==> flow/design.v <==
module selector_rtl #(
   parameter W = 24
) (
   input wire i_clk,
   input wire reset,
   input wire [W-1:0] d0,
   input wire [W-1:0] d1,
   input wire [W-1:0] d2,
   input wire [W-1:0] d3,
   input wire [W-1:0] d4,
   input wire [W-1:0] d5,
   input wire [W-1:0] d6,
   input wire [W-1:0] d7,
   input wire [2:0] pick,
   output wire [W-1:0] o
);
   reg [W-1:0] tmp;
   always @* begin
      if (pick == 0) tmp = d0;
      else if (pick == 1) tmp = d1;
      else if (pick == 2) tmp = d2;
      else if (pick == 3) tmp = d3;
      else if (pick == 4) tmp = d4;
      else if (pick == 5) tmp = d5;
      else if (pick == 6) tmp = d6;
      else tmp = d7;
   end
   reg [W-1:0] o_q;
   always @(posedge i_clk or posedge reset) begin
      if (reset) begin
         o_q <= 0;
      end else begin
         o_q <= tmp;
      end
   end
   assign o = o_q;
endmodule
==> Step by step through the tools: selector_rtl <==
The steps from the RTL of selector_rtl to its reports follow in flow order.
Lines are those of the file above, counted from 1.
Library cell names are shortened.
{ "design": {"design": "selector_rtl", "clk_port": "i_clk", "library": "sky130hd", "pvt_corner": "tt_025C_1v80"} }

==> Word level <==
Yosys after proc, flatten, opt, wreduce and memory -nomap, before mapping. Enables and synchronous resets that opt folds into registers are not counted as muxes. Memory bits, and registers merged into a memory's read port (data or address), are not among the register bits. Print and check cells are not counted. Equal cells are merged and count once.
{ "classes": {"add_sub_neg": 0, "mul": 0, "div": 0, "n_cmp": 0, "equal": 6, "n_shift": 0, "mux": 7, "logic": 0, "reduce_and_logical": 1} }
{ "ops": {"columns": ["operator", "n"], "rows": [
  ["2-to-1 mux 24 bit", 7],
  ["equality test 3 bit (second input constant)", 3],
  ["equality test 3 x 2 -> 1 bit (second input constant)", 2],
  ["equality test 3 x 1 -> 1 bit (second input constant)", 1],
  ["logical NOT 3 bit", 1]
]} }
{ "word_totals": {"ff_bits": 24, "latch_bits": 0, "ram_bits": 0, "mem_bits_ro": 0, "clocked_rd_ports_x_width": 0, "memories": 0, "input_bits": 197, "out_inout_bits": 24, "word_cells": 15} }

==> Depth <==
Yosys ltp: most cells in a row. Word level: on the elaborated netlist, between registers, memories and ports. Mapped: between sequential cells and ports; inverters and the memories' decode and read muxes count.
{ "depth": {"depth_word": 8, "ABC_AREA": 0, "depth_mapped": 7, "depth_no_buf": 4} }

==> Synthesis result <==
Source: synth_stat.txt of the flow (Yosys; design flattened, memories mapped). It holds for the ABC_AREA given above (unset counts as 0); a run with the other value may have another netlist.
Totals and module areas in this step are rounded.
{ "mapped": {"mapped_cells": 136, "yosys_area_um2": 2070, "seqArea_um2": 601, "ffs": 24, "n_buf": 15} }
{ "types": {"columns": ["cell", "n", "type_area_um2"], "rows": [
  ["mux4_2", 41, 923.386],
  ["dfrtp_1", 24, 600.576],
  ["mux2_2", 20, 225.216],
  ["mux2i_1", 9, 90.086],
  ["buf_6", 3, 33.782],
  ["clkbuf_1", 7, 26.275],
  ["a31oi_1", 4, 25.024],
  ["nor2_1", 6, 22.522],
  ["a21oi_1", 3, 15.014],
  ["o21ai_1", 3, 15.014],
  ["o22ai_1", 2, 12.512],
  ["mux2_1", 1, 11.261],
  ["nand2_1", 3, 11.261],
  ["buf_2", 2, 10.01],
  ["a22o_1", 1, 8.758],
  ["buf_1", 2, 7.507],
  ["buf_4", 1, 7.507],
  ["nor3b_1", 1, 7.507]
]} }
Not listed: further types 3, cells in them 3.

==> Path before layout <==
Source: OpenSTA report_checks on the synthesized netlist (no wires, ideal clock, input and output delay 20% of the period each), path of least setup slack; recovery checks are left aside. Register names are those of the netlist, which keeps one name where synthesis merged equal registers.
{ "synth_path": {"path_kind": "input to register", "from": "input pick[1]", "to": "register o_q[0]", "period_ns": 1.89, "input_delay_ns": 0.378, "setup_ns": 0.125, "t_first_pin_ns": 0.378, "arrival_ns": 1.462, "required_time_ns": 1.765, "slack_ns": 0.304, "delay_ns": 1.209, "driving_pins": 4, "path_buffers": 2, "period_less_setup_slack_ns": 1.586} }
"delay_ns" is the arrival time less input delay plus setup time.
"driving_pins" counts driving pins, that of a launching flip-flop among them; a cell with two outputs on the path counts twice.
"period_less_setup_slack_ns" = period - worst setup slack (recovery checks aside). The figure is calculated, with input and output delays left at 20% of the set period.
Between the ends stands the longest chain of elaborated cells between them, by number of cells; it is not shown to be the way that was timed. Of several equally long chains one is given.
Each line given opens the expression or statement behind the cell; cells for indexed reads and writes are added by Yosys, which also makes memories of some case tables.
{ "synth_between": {"path_cell_list": "clkbuf_1 -> clkbuf_1 -> mux4_2 -> mux2_2", "elab_chain_cells": 8, "cone_cells": 14, "lines_between": 7, "cone_classes": "eq/ne: 6; mux: 7; reduce/logical: 1"} }
{ "synth_rtl": {"columns": ["item", "line_no", "source"], "rows": [
  ["start, declared", 14, "input wire [2:0] pick,"],
  ["equality test 3 bit", 25, "else if (pick == 6) tmp = d6;"],
  ["2-to-1 mux 24 bit", 25, null],
  ["2-to-1 mux 24 bit", 24, "else if (pick == 5) tmp = d5;"],
  ["2-to-1 mux 24 bit", 23, "else if (pick == 4) tmp = d4;"],
  ["2-to-1 mux 24 bit", 22, "else if (pick == 3) tmp = d3;"],
  ["2-to-1 mux 24 bit", 21, "else if (pick == 2) tmp = d2;"],
  ["2-to-1 mux 24 bit", 20, "else if (pick == 1) tmp = d1;"],
  ["2-to-1 mux 24 bit", 19, "if (pick == 0) tmp = d0;"],
  ["end, assigned", 31, "o_q <= 0;"],
  ["end, assigned", 33, "o_q <= tmp;"],
  ["end, declared", 28, "reg [W-1:0] o_q;"]
]} }

==> Worst path after layout <==
From the final timing report of run B: the path of least setup slack in the routed layout; clock arrival at registers is part of the times.
{ "layout_path": {"path_kind": "register to output", "from": "register o_q[10]", "to": "output o[10]", "period_ns": 1.89, "output_delay_ns": 0.38, "t_first_pin_ns": 0.27, "arrival_ns": 1.22, "required_time_ns": 1.51, "slack_ns": 0.29, "driving_pins": 2, "path_buffers": 1} }
{ "layout_between": {"path_cell_list": "dfrtp_1 -> clkdlybuf4s50_1", "elab_chain_cells": 0, "cone_cells": 0, "lines_between": 0} }
{ "layout_rtl": {"columns": ["item", "line_no", "source"], "rows": [
  ["start, declared", 28, "reg [W-1:0] o_q;"],
  ["start, assigned", 31, "o_q <= 0;"],
  ["start, assigned", 33, "o_q <= tmp;"],
  ["end, declared", 15, "output wire [W-1:0] o"]
]} }

Data sheet: physical implementation of selector_rtl

Measured results for selector_rtl: 3 stored runs of the Yosys and OpenROAD flow on sky130hd. The settings differ; the order carries no meaning. The constraints put input and output delay at 20% of the set period each and load the outputs with 0.01 pF.
"timing.achieved_period_ns" = clock period - worst setup slack. The figure is calculated, with input and output delays left at 20% of the set period.
"timing.worst_path_ns" = time allowed to the worst setup path (clock period - input delay - output delay, where it has them) - its slack; a late launch clock adds to it, a late capture clock takes from it.
"power_total_mw" rests on the timing tool's default activity at the inputs, not on a simulated workload.
The results are shown rounded.
[
  {
    "run": "run A",
    "settings": { "period_ns": 2.46, "CORE_UTILIZATION": 67, "SETUP_SLACK_MARGIN": 0.03, "PLACE_DENSITY": 0.89, "CORE_ASPECT_RATIO": 0.84, "CORE_MARGIN": 8, "CELL_PAD_IN_SITES_GLOBAL_PLACEMENT": 0, "CELL_PAD_IN_SITES_DETAIL_PLACEMENT": 2, "ABC_AREA": 0, "MAX_ROUTING_LAYER": "met4", "CAP_MARGIN": 20, "SLEW_MARGIN": 20 },
    "outcome": "did not finish, placement stopped with GPL-0301"
  },
  {
    "run": "run B",
    "settings": { "period_ns": 1.89, "CAP_MARGIN": 20, "CORE_MARGIN": 2, "CORE_UTILIZATION": 40, "SLEW_MARGIN": 20 },
    "results": { "synthArea_um2": 2070, "final_cell_area_um2": 4440, "timing.worst_path_ns": 1.22, "worst_setup_path_type": "register to output", "power_total_mw": 2.03, "timing.achieved_period_ns": 1.602, "finalUtil_pct": 88.1, "total_negative_slack_ns": 0.000, "dieArea_um2": 5770, "worst_setup_slack_ns": 0.288 }
  },
  {
    "run": "run C",
    "settings": { "period_ns": 1.13, "CORE_UTILIZATION": 31, "PLACE_DENSITY_LB_ADDON": 0.05, "CORE_ASPECT_RATIO": 1.93, "CORE_MARGIN": 7, "TNS_END_PERCENT": 70, "CTS_CLUSTER_DIAMETER": 200, "SLEW_MARGIN": 0, "CAP_MARGIN": 20 },
    "results": { "synthArea_um2": 2070, "final_cell_area_um2": 5170, "timing.worst_path_ns": 0.95, "worst_setup_path_type": "input to register", "power_total_mw": 3.50, "timing.achieved_period_ns": 1.179, "finalUtil_pct": 79.3, "total_negative_slack_ns": -0.586, "dieArea_um2": 9290, "worst_setup_slack_ns": -0.049 }
  }
]
